==> flow/design.v <==
module alu_rf (clk, we_in, write_addr_in, din_in, raddr0_in, raddr1_in, rdata0_out, rdata1_out);
    parameter ENTRIES = 4;
    parameter DW = 20;
    localparam ADDR_WIDTH = $clog2(ENTRIES);
    input clk;
    input we_in;
    input [ADDR_WIDTH-1:0] write_addr_in;
    input [DW-1:0] din_in;
    input [ADDR_WIDTH-1:0] raddr0_in;
    input [ADDR_WIDTH-1:0] raddr1_in;
    output [DW-1:0] rdata0_out;
    output [DW-1:0] rdata1_out;
    reg [DW-1:0] regs [0:ENTRIES-1];
    always @(posedge clk) begin
        if (we_in)
            regs[write_addr_in] <= din_in;
    end
    assign rdata0_out = (we_in && write_addr_in == raddr0_in) ? din_in : regs[raddr0_in];
    assign rdata1_out = (we_in && write_addr_in == raddr1_in) ? din_in : regs[raddr1_in];
endmodule
Memo
Re: synthesis data of alu_rf

== From RTL to reports: alu_rf ==
Tool output for the members of one design family, told apart by "ENTRIES", in the order of the flow.
The file above is the member ENTRIES 4. Line numbers count from 1 in each member's own file.
Cell names lack the library's common part.
The mark - stands for no value.

* Top: alu_rf
* Clock input: clk
* Cell library: sky130hd
* Library corner: tt_025C_1v80

== Members of the sweep ==
New or changed lines of each further member against the RTL above, in its own file; lines it lacks are not shown.

{| class="wikitable"
|+ Lines new or changed
! ENTRIES !! RTL line !! text
|-
| 6 || 2 || <nowiki>parameter ENTRIES = 6;</nowiki>
|-
| 12 || 2 || <nowiki>parameter ENTRIES = 12;</nowiki>
|-
| 20 || 2 || <nowiki>parameter ENTRIES = 20;</nowiki>
|-
| 40 || 2 || <nowiki>parameter ENTRIES = 40;</nowiki>
|-
| 64 || 2 || <nowiki>parameter ENTRIES = 64;</nowiki>
|-
| 96 || 2 || <nowiki>parameter ENTRIES = 96;</nowiki>
|}

== After elaboration ==
Counts by Yosys on the flattened word-level netlist (proc, flatten, opt, wreduce; memories kept). Register bits leave out memories and registers merged into their read ports (data or address); mux counts leave out enables and synchronous resets folded into registers. Print and check cells are left out. Cells with the same type and inputs are merged into one.
Yosys's memory passes give these memory sizes; they may raise the number of words (mostly to a power of two), join words into wider ones and drop unused or constant bits.

{| class="wikitable"
|+ Operators by class
! ENTRIES !! multiplexer cells !! $mul !! divide/modulo/power cells !! bitwise logic cells !! add/subtract/negate cells !! equality and inequality tests !! order comparisons !! reductions and logical operators !! shifts and indexed selects
|-
| 4 || 5 || 0 || 0 || 0 || 0 || 2 || 0 || 2 || 0
|-
| 6 || 5 || 0 || 0 || 0 || 0 || 2 || 0 || 2 || 0
|-
| 12 || 5 || 0 || 0 || 0 || 0 || 2 || 0 || 2 || 0
|-
| 20 || 5 || 0 || 0 || 0 || 0 || 2 || 0 || 2 || 0
|-
| 40 || 5 || 0 || 0 || 0 || 0 || 2 || 0 || 2 || 0
|-
| 64 || 5 || 0 || 0 || 0 || 0 || 2 || 0 || 2 || 0
|-
| 96 || 5 || 0 || 0 || 0 || 0 || 2 || 0 || 2 || 0
|}

{| class="wikitable"
|+ Operators by type and width
! ENTRIES !! kinds with counts
|-
| 4 || 2-to-1 mux 20 bit (3); equality test 2 bit (2); logical AND 1 bit (2); 2-to-1 mux 2 bit (1); 2-to-1 mux 1 bit (1)
|-
| 6 || 2-to-1 mux 20 bit (3); equality test 3 bit (2); 2-to-1 mux 3 bit (1); logical AND 1 bit (2); 2-to-1 mux 1 bit (1)
|-
| 12 || 2-to-1 mux 20 bit (3); equality test 4 bit (2); 2-to-1 mux 4 bit (1); logical AND 1 bit (2); 2-to-1 mux 1 bit (1)
|-
| 20 || 2-to-1 mux 20 bit (3); equality test 5 bit (2); 2-to-1 mux 5 bit (1); logical AND 1 bit (2); 2-to-1 mux 1 bit (1)
|-
| 40 || 2-to-1 mux 20 bit (3); equality test 6 bit (2); 2-to-1 mux 6 bit (1); logical AND 1 bit (2); 2-to-1 mux 1 bit (1)
|-
| 64 || 2-to-1 mux 20 bit (3); equality test 6 bit (2); 2-to-1 mux 6 bit (1); logical AND 1 bit (2); 2-to-1 mux 1 bit (1)
|-
| 96 || 2-to-1 mux 20 bit (3); equality test 7 bit (2); 2-to-1 mux 7 bit (1); logical AND 1 bit (2); 2-to-1 mux 1 bit (1)
|}

{| class="wikitable"
|+ Bit counts
! ENTRIES !! cells after elaboration !! memory bits (read-only) !! clocked read ports x word width !! output and inout bits !! register bits after elaboration !! bits in writable memories !! input port bits !! memories kept !! latch bits
|-
| 4 || 10 || 0 || 0 || 40 || 0 || 80 || 28 || 1 || 0
|-
| 6 || 10 || 0 || 0 || 40 || 0 || 120 || 31 || 1 || 0
|-
| 12 || 10 || 0 || 0 || 40 || 0 || 240 || 34 || 1 || 0
|-
| 20 || 10 || 0 || 0 || 40 || 0 || 400 || 37 || 1 || 0
|-
| 40 || 10 || 0 || 0 || 40 || 0 || 800 || 40 || 1 || 0
|-
| 64 || 10 || 0 || 0 || 40 || 0 || 1280 || 40 || 1 || 0
|-
| 96 || 10 || 0 || 0 || 40 || 0 || 1920 || 43 || 1 || 0
|}

{| class="wikitable"
|+ Memories
! ENTRIES !! words x width with read and write ports
|-
| 4 || regs 4 x 20 bit 2R1W
|-
| 6 || regs 6 x 20 bit 2R1W
|-
| 12 || regs 12 x 20 bit 2R1W
|-
| 20 || regs 20 x 20 bit 2R1W
|-
| 40 || regs 40 x 20 bit 2R1W
|-
| 64 || regs 64 x 20 bit 2R1W
|-
| 96 || regs 96 x 20 bit 2R1W
|}

== Logic depth ==
Yosys ltp: most cells in a row. Word level: on the elaborated netlist, between registers, memories and ports. Mapped: between sequential cells and ports; inverters and the memories' decode and read muxes count.

{| class="wikitable"
|+ Depth
! ENTRIES !! depth after elaboration !! ABC_AREA !! gate-level depth with buffers !! mapped depth without buffers
|-
| 4 || 3 || 0 || 4 || 3
|-
| 6 || 3 || 0 || 7 || 4
|-
| 12 || 3 || 0 || 7 || 4
|-
| 20 || 3 || 0 || 8 || 4
|-
| 40 || 3 || 0 || 9 || 5
|-
| 64 || 3 || 0 || 11 || 6
|-
| 96 || 3 || 0 || 11 || 6
|}

== After synthesis ==
Source: synth_stat.txt of the flow (Yosys; design flattened, memories mapped). It holds for the ABC_AREA given above (unset counts as 0); a run with the other value may have another netlist.
The area totals of this step are shown rounded.

{| class="wikitable"
|+ Cell types
! ENTRIES !! type and count
|-
| 4 || edfxtp_1 (80); mux4_2 (40); mux2_4 (40); buf_6 (4); xnor2_1 (4); buf_4 (4); buf_1 (4); nand3_1 (2); and3b_1 (1); nor3b_1 (1); and3_1 (1); nand2_1 (1); nor2_1 (1)
|-
| 6 || edfxtp_1 (120); mux2i_1 (120); a21oi_2 (40); a22o_1 (40); a22oi_1 (40); buf_2 (20); xnor2_1 (6); buf_12 (2); buf_4 (5); buf_6 (3); buf_8 (2); clkbuf_1 (8); and4_1 (2); nor2_1 (4); nand2b_1 (2); nor2b_1 (2); and4b_1 (1); nor3_1 (2); [+2]
|-
| 12 || edfxtp_1 (240); mux4_2 (82); mux2i_1 (77); mux2_2 (42); o22ai_1 (38); a211o_1 (19); nand2_1 (41); a22oi_1 (19); buf_2 (26); clkbuf_1 (16); xor2_1 (6); nor2_1 (11); buf_4 (4); or3b_2 (3); buf_6 (2); nand3b_1 (3); nor3_1 (4); nand2b_1 (3); [+12]
|-
| 20 || edfxtp_1 (400); mux4_2 (110); mux2i_1 (160); a22o_1 (40); a21oi_1 (65); a22oi_1 (40); mux4_1 (10); a31oi_1 (40); nand3_1 (41); nor3_1 (40); clkbuf_1 (43); nand2_1 (43); a21oi_2 (15); buf_2 (26); buf_4 (12); xnor2_1 (10); nor2_1 (23); buf_6 (4); [+30]
|-
| 40 || edfxtp_1 (800); mux4_2 (398); mux2_2 (40); a221o_1 (40); a22o_1 (37); nor2b_1 (44); o22ai_1 (38); clkbuf_1 (63); buf_2 (47); a211oi_1 (27); a22oi_1 (27); nor4_1 (32); buf_6 (17); mux2i_1 (17); nor2_1 (43); buf_4 (21); nor3_1 (25); a2111oi_2 (7); [+110]
|-
| 64 || edfxtp_1 (1280); mux2i_1 (940); mux4_2 (198); a22oi_1 (382); nand2_1 (201); buf_2 (136); nand3_1 (121); a21oi_1 (95); clkbuf_1 (100); a221oi_1 (39); buf_4 (45); a32oi_1 (36); nor2_1 (74); a41oi_1 (19); a211oi_1 (21); mux4_1 (6); nand4_1 (22); o21ai_0 (23); [+108]
|-
| 96 || edfxtp_1 (1920); mux4_2 (910); mux2i_1 (260); a22oi_1 (169); buf_4 (100); a22o_1 (84); a221oi_1 (70); a21oi_1 (116); buf_6 (46); buf_2 (103); mux2_2 (42); nor2_1 (116); nand2_1 (100); clkbuf_1 (97); o22ai_1 (39); a211oi_1 (29); o21ai_0 (36); and2_1 (23); [+205]
|}

A list marked [+n] leaves out that many cells.

{| class="wikitable"
|+ Mapped netlist
! ENTRIES !! mapped area (um^2) !! buffers !! sequential area (um^2) !! flip-flops !! cells in the netlist
|-
| 4 || 4070 || 12 || 2400 || 80 || 183
|-
| 6 || 6220 || 40 || 3600 || 120 || 421
|-
| 12 || 11500 || 51 || 7210 || 240 || 648
|-
| 20 || 19100 || 92 || 12000 || 400 || 1152
|-
| 40 || 37400 || 155 || 24000 || 800 || 1833
|-
| 64 || 60800 || 310 || 38400 || 1280 || 3846
|-
| 96 || 89500 || 354 || 57700 || 1920 || 4465
|}

== Timing after synthesis ==
OpenSTA on the mapped netlist: ideal clock, no wires. The path of least setup slack (recovery checks aside). Input and output delay are each 20% of the period. Register names are those of the netlist, which keeps one name where synthesis merged equal registers.

{| class="wikitable"
|+ Path post-synthesis
! ENTRIES !! path kind !! start point !! end point !! stages !! path delay (ns) !! path slack (ns) !! clock period (ns) !! synthesis period reached (ns)
|-
| 4 || input port to flip-flop || input write_addr_in[0] || memory regs[0][0] || 1 || 1.968 || 0.496 || 3.08 || 2.584
|-
| 6 || input port to flip-flop || input write_addr_in[2] || memory regs[2][0] || 2 || 2.137 || 0.535 || 3.34 || 2.805
|-
| 12 || input port to flip-flop || input write_addr_in[2] || memory regs[0][0] || 2 || 2.336 || 0.583 || 3.65 || 3.067
|-
| 20 || input port to flip-flop || input write_addr_in[2] || memory regs[5][0] || 3 || 2.005 || 0.499 || 3.13 || 2.631
|-
| 40 || input port to flip-flop || input write_addr_in[4] || memory regs[20][0] || 4 || 2.740 || 0.684 || 4.28 || 3.596
|-
| 64 || input port to flip-flop || input we_in || memory regs[48][0] || 4 || 2.517 || 0.627 || 3.93 || 3.303
|-
| 96 || input port to output port || input raddr0_in[0] || output rdata0_out[15] || 9 || 1.778 || 0.604 || 3.97 || 3.366
|}

"path delay" is the arrival time less input delay plus setup time.
At an output port there is no setup time.
"stages": output pins that drive a net of the path, with the launching flip-flop's if there is one; two outputs of one cell count as two.
"synthesis period reached" is the clock period less the worst setup slack; recovery checks do not enter. This is arithmetic on one report: input and output delays are still those of the set period (20% each).
Between the ends stands the longest chain of elaborated cells between them, by number of cells; it is not shown to be the way that was timed. Of several equally long chains one is given.
A line is the first line of the expression or statement that the cell stems from. Yosys adds cells for indexed reads and writes and turns some case tables into memories.

Between the ends, post-synthesis, ENTRIES 4:
* Cells in the longest elaborated chain: 1

{| class="wikitable"
|+ RTL lines, path post-synthesis, ENTRIES 4
! element !! RTL line !! text
|-
| from (decl) || 7 || <nowiki>input [ADDR_WIDTH-1:0] write_addr_in;</nowiki>
|-
| 2-to-1 mux 2 bit || 15 || <nowiki>if (we_in)</nowiki>
|-
| to (decl) || 13 || <nowiki>reg [DW-1:0] regs [0:ENTRIES-1];</nowiki>
|}

Between the ends, post-synthesis, ENTRIES 96:
* Cells in the longest elaborated chain: 3

{| class="wikitable"
|+ RTL lines, path post-synthesis, ENTRIES 96
! element !! RTL line !! text
|-
| from (decl) || 9 || <nowiki>input [ADDR_WIDTH-1:0] raddr0_in;</nowiki>
|-
| equality test 7 bit || 18 || <nowiki>assign rdata0_out = (we_in && write_addr_in == raddr0_in) ? din_in : regs[raddr0_in];</nowiki>
|-
| logical AND 1 bit || 18 ||
|-
| 2-to-1 mux 20 bit || 18 ||
|-
| to (decl) || 11 || <nowiki>output [DW-1:0] rdata0_out;</nowiki>
|}

== Timing after layout ==
From the final timing report of each member's run: the path of least setup slack in the routed layout; clock arrival at registers is part of the times.

{| class="wikitable"
|+ Path post-layout
! ENTRIES !! path kind !! start point !! end point !! path slack (ns) !! arrival (ns) !! stages !! clock period (ns) !! buffers on the path
|-
| 4 || input port to output port || input raddr1_in[1] || output rdata1_out[5] || 0.07 || 2.39 || 5 || 3.08 || 3
|-
| 6 || input port to output port || input raddr0_in[2] || output rdata0_out[18] || 0.03 || 2.64 || 7 || 3.34 || 4
|-
| 12 || input port to output port || input write_addr_in[1] || output rdata0_out[10] || 0.10 || 2.82 || 7 || 3.65 || 3
|-
| 20 || input port to output port || input raddr0_in[0] || output rdata0_out[19] || 0.02 || 2.48 || 7 || 3.13 || 3
|-
| 40 || input port to output port || input raddr1_in[1] || output rdata1_out[14] || 0.03 || 3.39 || 11 || 4.28 || 7
|-
| 64 || input port to output port || input raddr1_in[4] || output rdata1_out[15] || -0.06 || 3.20 || 12 || 3.93 || 6
|-
| 96 || input port to output port || input raddr1_in[0] || output rdata1_out[0] || -0.19 || 3.36 || 14 || 3.97 || 8
|}

== Layout results ==
One run of the flow (Yosys, OpenROAD) for each member, with settings and measured results. Input and output delays are each 20% of the period that was set; the output load is 0.01 pF.

* CAP_MARGIN: 20
* CORE_MARGIN: 2
* CORE_UTILIZATION: 40
* SLEW_MARGIN: 20

{| class="wikitable"
|+ Settings that differ
! ENTRIES !! period_ns
|-
| 4 || 3.08
|-
| 6 || 3.34
|-
| 12 || 3.65
|-
| 20 || 3.13
|-
| 40 || 4.28
|-
| 64 || 3.93
|-
| 96 || 3.97
|}

{| class="wikitable"
|+ Measured results
! ENTRIES !! std-cell area (final layout) (um^2) !! post-route utilization !! post-route setup TNS (ns) !! full die area (um^2) !! clock period reached (ns) !! worst slack on setup checks (ns) !! synthesis area (um^2)
|-
| 4 || 5340 || 0.543 || 0.000 || 11000 || 3.006 || 0.074 || 4070
|-
| 6 || 7930 || 0.521 || 0.000 || 16600 || 3.308 || 0.032 || 6220
|-
| 12 || 14300 || 0.503 || 0.000 || 30100 || 3.554 || 0.096 || 11500
|-
| 20 || 24000 || 0.505 || 0.000 || 49600 || 3.105 || 0.025 || 19100
|-
| 40 || 46000 || 0.494 || 0.000 || 96000 || 4.248 || 0.032 || 37400
|-
| 64 || 75200 || 0.497 || -0.216 || 155000 || 3.990 || -0.060 || 60800
|-
| 96 || 115000 || 0.518 || -2.22 || 228000 || 4.159 || -0.189 || 89500
|}

"clock period reached" means the clock period less the worst setup slack. The figure is calculated, with input and output delays left at 20% of the set period.
Measured values are rounded.
